==> flow/design.v <==
module dp_arith_n (i_clk, rst, opa, opb, op, diff);
   parameter DW = 56;
   input i_clk;
   input rst;
   input [DW-1:0] opa;
   input [DW-1:0] opb;
   input op;
   output reg [DW-1:0] diff;
   reg [DW-1:0] work;
   always @* begin
      if (op)
         work = opa - opb;
      else
         work = opa + opb;
   end
   always @(posedge i_clk) begin
      if (rst) begin
         diff <= 0;
      end else begin
         diff <= work;
      end
   end
endmodule
# Tool chain data of dp_arith_n
# Tool output for the design above, in the order of the flow.
# Line numbers count from 1 in the design file above.
# Library cell names are shortened.
# Not given: -
[setup]
top_module = "dp_arith_n"
clock_port = "i_clk"
lib = "sky130hd"
pvt_corner = "tt_025C_1v80"

# Elaborated design
# Counts by Yosys on the flattened word-level netlist (proc, flatten, opt, wreduce; memories kept). Register bits leave out memories and registers merged into their read ports (data or address); mux counts leave out enables and synchronous resets folded into registers. Print and check cells are left out. Cells with the same type and inputs are merged into one.
[word_totals]
reg_bits = 56
input_bits = 115
out_inout_bits = 56
word_cells = 4
[op_classes]
mux = 1
addsub = 2
[ops]
columns = ["operator", "n"]
rows = [
  ["adder 56 bit", 1],
  ["subtractor 56 bit", 1],
  ["2-to-1 mux 56 bit", 1],
]

# Longest topological paths
# Yosys ltp: most cells in a row. Word level: on the elaborated netlist, between registers, memories and ports. Mapped: between sequential cells and ports; inverters and the memories' decode and read muxes count.
[depth]
ltp_word = 2
abc_area = 0
mapped_depth = 20
mapped_depth_nobuf = 19

# Synthesis result
# Source: synth_stat.txt of the flow (Yosys; design flattened, memories mapped). It holds for the ABC_AREA given above (unset counts as 0); a run with the other value may have another netlist.
# Totals and module areas in this step are rounded.
[mapped]
buffers = 43
sequential_area_um2 = 1100
synth_area_um2 = 6000
cell_count = 799
ff_cells = 56
[types]
columns = ["cell", "n", "area_total_um2"]
rows = [
  ["dfxtp_1", 56, 1.12E+03],
  ["xnor2_1", 81, 709.43],
  ["ha_1", 56, 700.672],
  ["nor2_1", 115, 431.664],
  ["a21oi_1", 86, 430.413],
  ["xor2_1", 23, 201.443],
  ["a21o_1", 25, 187.68],
  ["nand2_1", 45, 168.912],
  ["o21ai_0", 28, 140.134],
  ["nand4_1", 22, 137.632],
  ["o21bai_1", 16, 120.115],
  ["nor3_1", 21, 105.101],
  ["clkbuf_1", 27, 101.347],
  ["inv_1", 26, 97.594],
  ["a31oi_1", 13, 81.328],
  ["nor2b_1", 12, 75.072],
  ["nor4_1", 12, 75.072],
  ["nand3_1", 13, 65.062],
]
# Not listed: further types 53, cells in them 122.

# Timing after synthesis
# Source: OpenSTA report_checks on the synthesized netlist (no wires, ideal clock, input and output delay 20% of the period each), path of least setup slack; recovery checks are left aside. Register names are those of the netlist, which keeps one name where synthesis merged equal registers.
[synth_path]
kind = "input -> register"
start = "input opb[11]"
end = "register diff[52]"
t_first_pin_ns = 1.282
required_time_ns = 6.287
in_delay_ns = 1.282
clock_period_ns = 6.41
delay_ns = 4.105
setup_slack_ns = 1.023
arrival_time_ns = 5.264
setup_ns = 0.123
path_stages = 19
period_less_setup_slack_ns = 5.387
# "delay_ns" = arrival - input delay + setup time.
# "path_stages": output pins that drive a net of the path, with the launching flip-flop's if there is one; two outputs of one cell count as two.
# "period_less_setup_slack_ns" is the clock period less the worst setup slack; recovery checks do not enter. This is arithmetic on one report: input and output delays are still those of the set period (20% each).
# The rows between start and end are the longest chain of elaborated cells between them; the timing report does not say that the signal goes this way. Where chains are equally long, one stands for them.
# Each line given opens the expression or statement behind the cell; cells for indexed reads and writes are added by Yosys, which also makes memories of some case tables.
[synth_between]
cell_sequence = "or4_4 > nor4_4 > nand4b_1 > nor3_1 > and2_1 > nor2b_1 > a21oi_1 > xnor2_1 > ha_1 > buf_6 > a21o_1 > a21o_1 > a221oi_1 > o221a_2 > o31ai_1 > nor2_1 > o21ai_2 > a221oi_1 > mux2_1"
elab_chain_len = 2
cells_between = 3
cone_lines = 3
[synth_lines]
columns = ["item", "line", "text"]
rows = [
  ["start: declaration", 6, "input [DW-1:0] opb;"],
  ["adder 56 bit", 14, "work = opa + opb;"],
  ["2-to-1 mux 56 bit", 11, "if (op)"],
  ["end: assignment", 18, "diff <= 0;"],
  ["end: assignment", 20, "diff <= work;"],
  ["end: declaration", 8, "output reg [DW-1:0] diff;"],
]

# Path in the finished layout
# From the final timing report of flow run A: the path of least setup slack in the routed layout; clock arrival at registers is part of the times.
[layout_path]
kind = "input -> register"
start = "input opb[5]"
end = "register diff[52]"
setup_ns = 0.11
clock_period_ns = 6.41
setup_slack_ns = 0.16
arrival_time_ns = 6.45
in_delay_ns = 1.28
required_time_ns = 6.61
t_first_pin_ns = 1.28
path_stages = 18
# The rows between start and end are the longest chain of elaborated cells between them; the timing report does not say that the signal goes this way. Where chains are equally long, one stands for them.
[layout_between]
cell_sequence = "clkdlybuf4s50_1 > nor4_1 > buf_4 > nand2b_1 > or3_1 > nor3_2 > a21oi_1 > xnor2_1 > ha_1 > and4_1 > nand2_1 > nor4_1 > o21ai_0 > a2111oi_0 > nor2_1 > o21ai_2 > a221oi_1 > mux2_1"
elab_chain_len = 2
cells_between = 3
cone_lines = 3
[layout_lines]
columns = ["item", "line", "text"]
rows = [
  ["start: declaration", 6, "input [DW-1:0] opb;"],
  ["adder 56 bit", 14, "work = opa + opb;"],
  ["2-to-1 mux 56 bit", 11, "if (op)"],
  ["end: assignment", 18, "diff <= 0;"],
  ["end: assignment", 20, "diff <= work;"],
  ["end: declaration", 8, "output reg [DW-1:0] diff;"],
]

Below are 3 stored runs of the flow (Yosys, OpenROAD; platform sky130hd) on dp_arith_n, each with its settings and what was measured, unordered. Constraints: input delay and output delay 20% of the set period each, output load 0.01 pF.
By "period_less_ws_ns" is meant the clock period of the run minus its worst setup slack. This is arithmetic on one report: input and output delays are still those of the set period (20% each).
"timing.worst_path_ns": the worst setup path's part of the clock period (all of it between registers, 20% less for each end at a port) less its slack. A launch clock that arrives late makes it longer, a capture clock that arrives late makes it shorter.
"totalPower_w" rests on the timing tool's default activity at the inputs, not on a simulated workload.
The measured numbers are rounded.

# flow run A
==> flow/run.sh <==
#!/bin/bash
# the make line also repeats the synthesis and layout settings of config.mk as NAME=value (left out here)
make -C /OpenROAD-flow-scripts/flow DESIGN_CONFIG=/design/flow/config.mk WORK_HOME=/design/flow/orfs CLKGATE_MAP_FILE= finish
==> flow/config.mk <==
export PLATFORM = sky130hd
export DESIGN_NAME = dp_arith_n
export DESIGN_NICKNAME = dp_arith_n
export VERILOG_FILES = /design/flow/design.v
export SDC_FILE = /design/flow/constraint.sdc
export NUM_CORES = 4
export LEC_CHECK = 0
export CAP_MARGIN = 20
export CORE_MARGIN = 2
export CORE_UTILIZATION = 40
export SLEW_MARGIN = 20
==> flow/constraint.sdc <==
create_clock -name core_clock -period 6.41 [get_ports {i_clk}]
set_input_delay 1.2820 -clock core_clock [delete_from_list [all_inputs] [get_ports {i_clk}]]
set_output_delay 1.2820 -clock core_clock [all_outputs]
set_load 0.01 [all_outputs]

==> flow run A: results <==
totalPower_w=0.0017
timing.worst_path_ns=4.97
critical_path_type="input -> register"
setupTns_ns=0.000
post_synth_area_um2=6000
worst_hold_slack_ns=1.6
layout_utilization_pct=55
period_less_ws_ns=6.250
finish.stdcell_area_um2=8100
final_setup_ws_ns=0.16
final_die_area_um2=16000

# flow run B
==> flow/run.sh <==
#!/bin/bash
# the make line also repeats the synthesis and layout settings of config.mk as NAME=value (left out here)
make -C /OpenROAD-flow-scripts/flow DESIGN_CONFIG=/design/flow/config.mk WORK_HOME=/design/flow/orfs CLKGATE_MAP_FILE= finish
==> flow/config.mk <==
export PLATFORM = sky130hd
export DESIGN_NAME = dp_arith_n
export DESIGN_NICKNAME = dp_arith_n
export VERILOG_FILES = /design/flow/design.v
export SDC_FILE = /design/flow/constraint.sdc
export NUM_CORES = 4
export LEC_CHECK = 0
export CAP_MARGIN = 25
export CELL_PAD_IN_SITES_DETAIL_PLACEMENT = 0
export CELL_PAD_IN_SITES_GLOBAL_PLACEMENT = 0
export CORE_MARGIN = 3
export CORE_UTILIZATION = 29
export HOLD_SLACK_MARGIN = -0.01
export PLACE_DENSITY = 0.52
export SLEW_MARGIN = 0
==> flow/constraint.sdc <==
create_clock -name core_clock -period 7.74 [get_ports {i_clk}]
set_input_delay 1.5480 -clock core_clock [delete_from_list [all_inputs] [get_ports {i_clk}]]
set_output_delay 1.5480 -clock core_clock [all_outputs]
set_load 0.01 [all_outputs]

==> flow run B: results <==
totalPower_w=0.0014
timing.worst_path_ns=5.08
critical_path_type="input -> register"
setupTns_ns=0.000
post_synth_area_um2=6000
worst_hold_slack_ns=1.8
layout_utilization_pct=40
period_less_ws_ns=6.623
finish.stdcell_area_um2=8000
final_setup_ws_ns=1.1
final_die_area_um2=22000

# flow run C
==> flow/run.sh <==
#!/bin/bash
# the make line also repeats the synthesis and layout settings of config.mk as NAME=value (left out here)
make -C /OpenROAD-flow-scripts/flow DESIGN_CONFIG=/design/flow/config.mk WORK_HOME=/design/flow/orfs CLKGATE_MAP_FILE= finish
==> flow/config.mk <==
export PLATFORM = sky130hd
export DESIGN_NAME = dp_arith_n
export DESIGN_NICKNAME = dp_arith_n
export VERILOG_FILES = /design/flow/design.v
export SDC_FILE = /design/flow/constraint.sdc
export NUM_CORES = 4
export LEC_CHECK = 0
export ABC_AREA = 0
export CAP_MARGIN = 15
export CORE_ASPECT_RATIO = 0.8
export CORE_MARGIN = 5
export CORE_UTILIZATION = 22
export CTS_CLUSTER_SIZE = 33
export PLACE_DENSITY_LB_ADDON = 0.1
export SETUP_SLACK_MARGIN = 1.56
export SLEW_MARGIN = 20
==> flow/constraint.sdc <==
create_clock -name core_clock -period 7.89 [get_ports {i_clk}]
set_input_delay 1.5780 -clock core_clock [delete_from_list [all_inputs] [get_ports {i_clk}]]
set_output_delay 1.5780 -clock core_clock [all_outputs]
set_load 0.01 [all_outputs]

==> flow run C: results <==
totalPower_w=0.0014
timing.worst_path_ns=4.60
critical_path_type="input -> register"
setupTns_ns=0.000
post_synth_area_um2=6000
worst_hold_slack_ns=1.9
layout_utilization_pct=31
period_less_ws_ns=6.176
finish.stdcell_area_um2=8400
final_setup_ws_ns=1.7
final_die_area_um2=31000
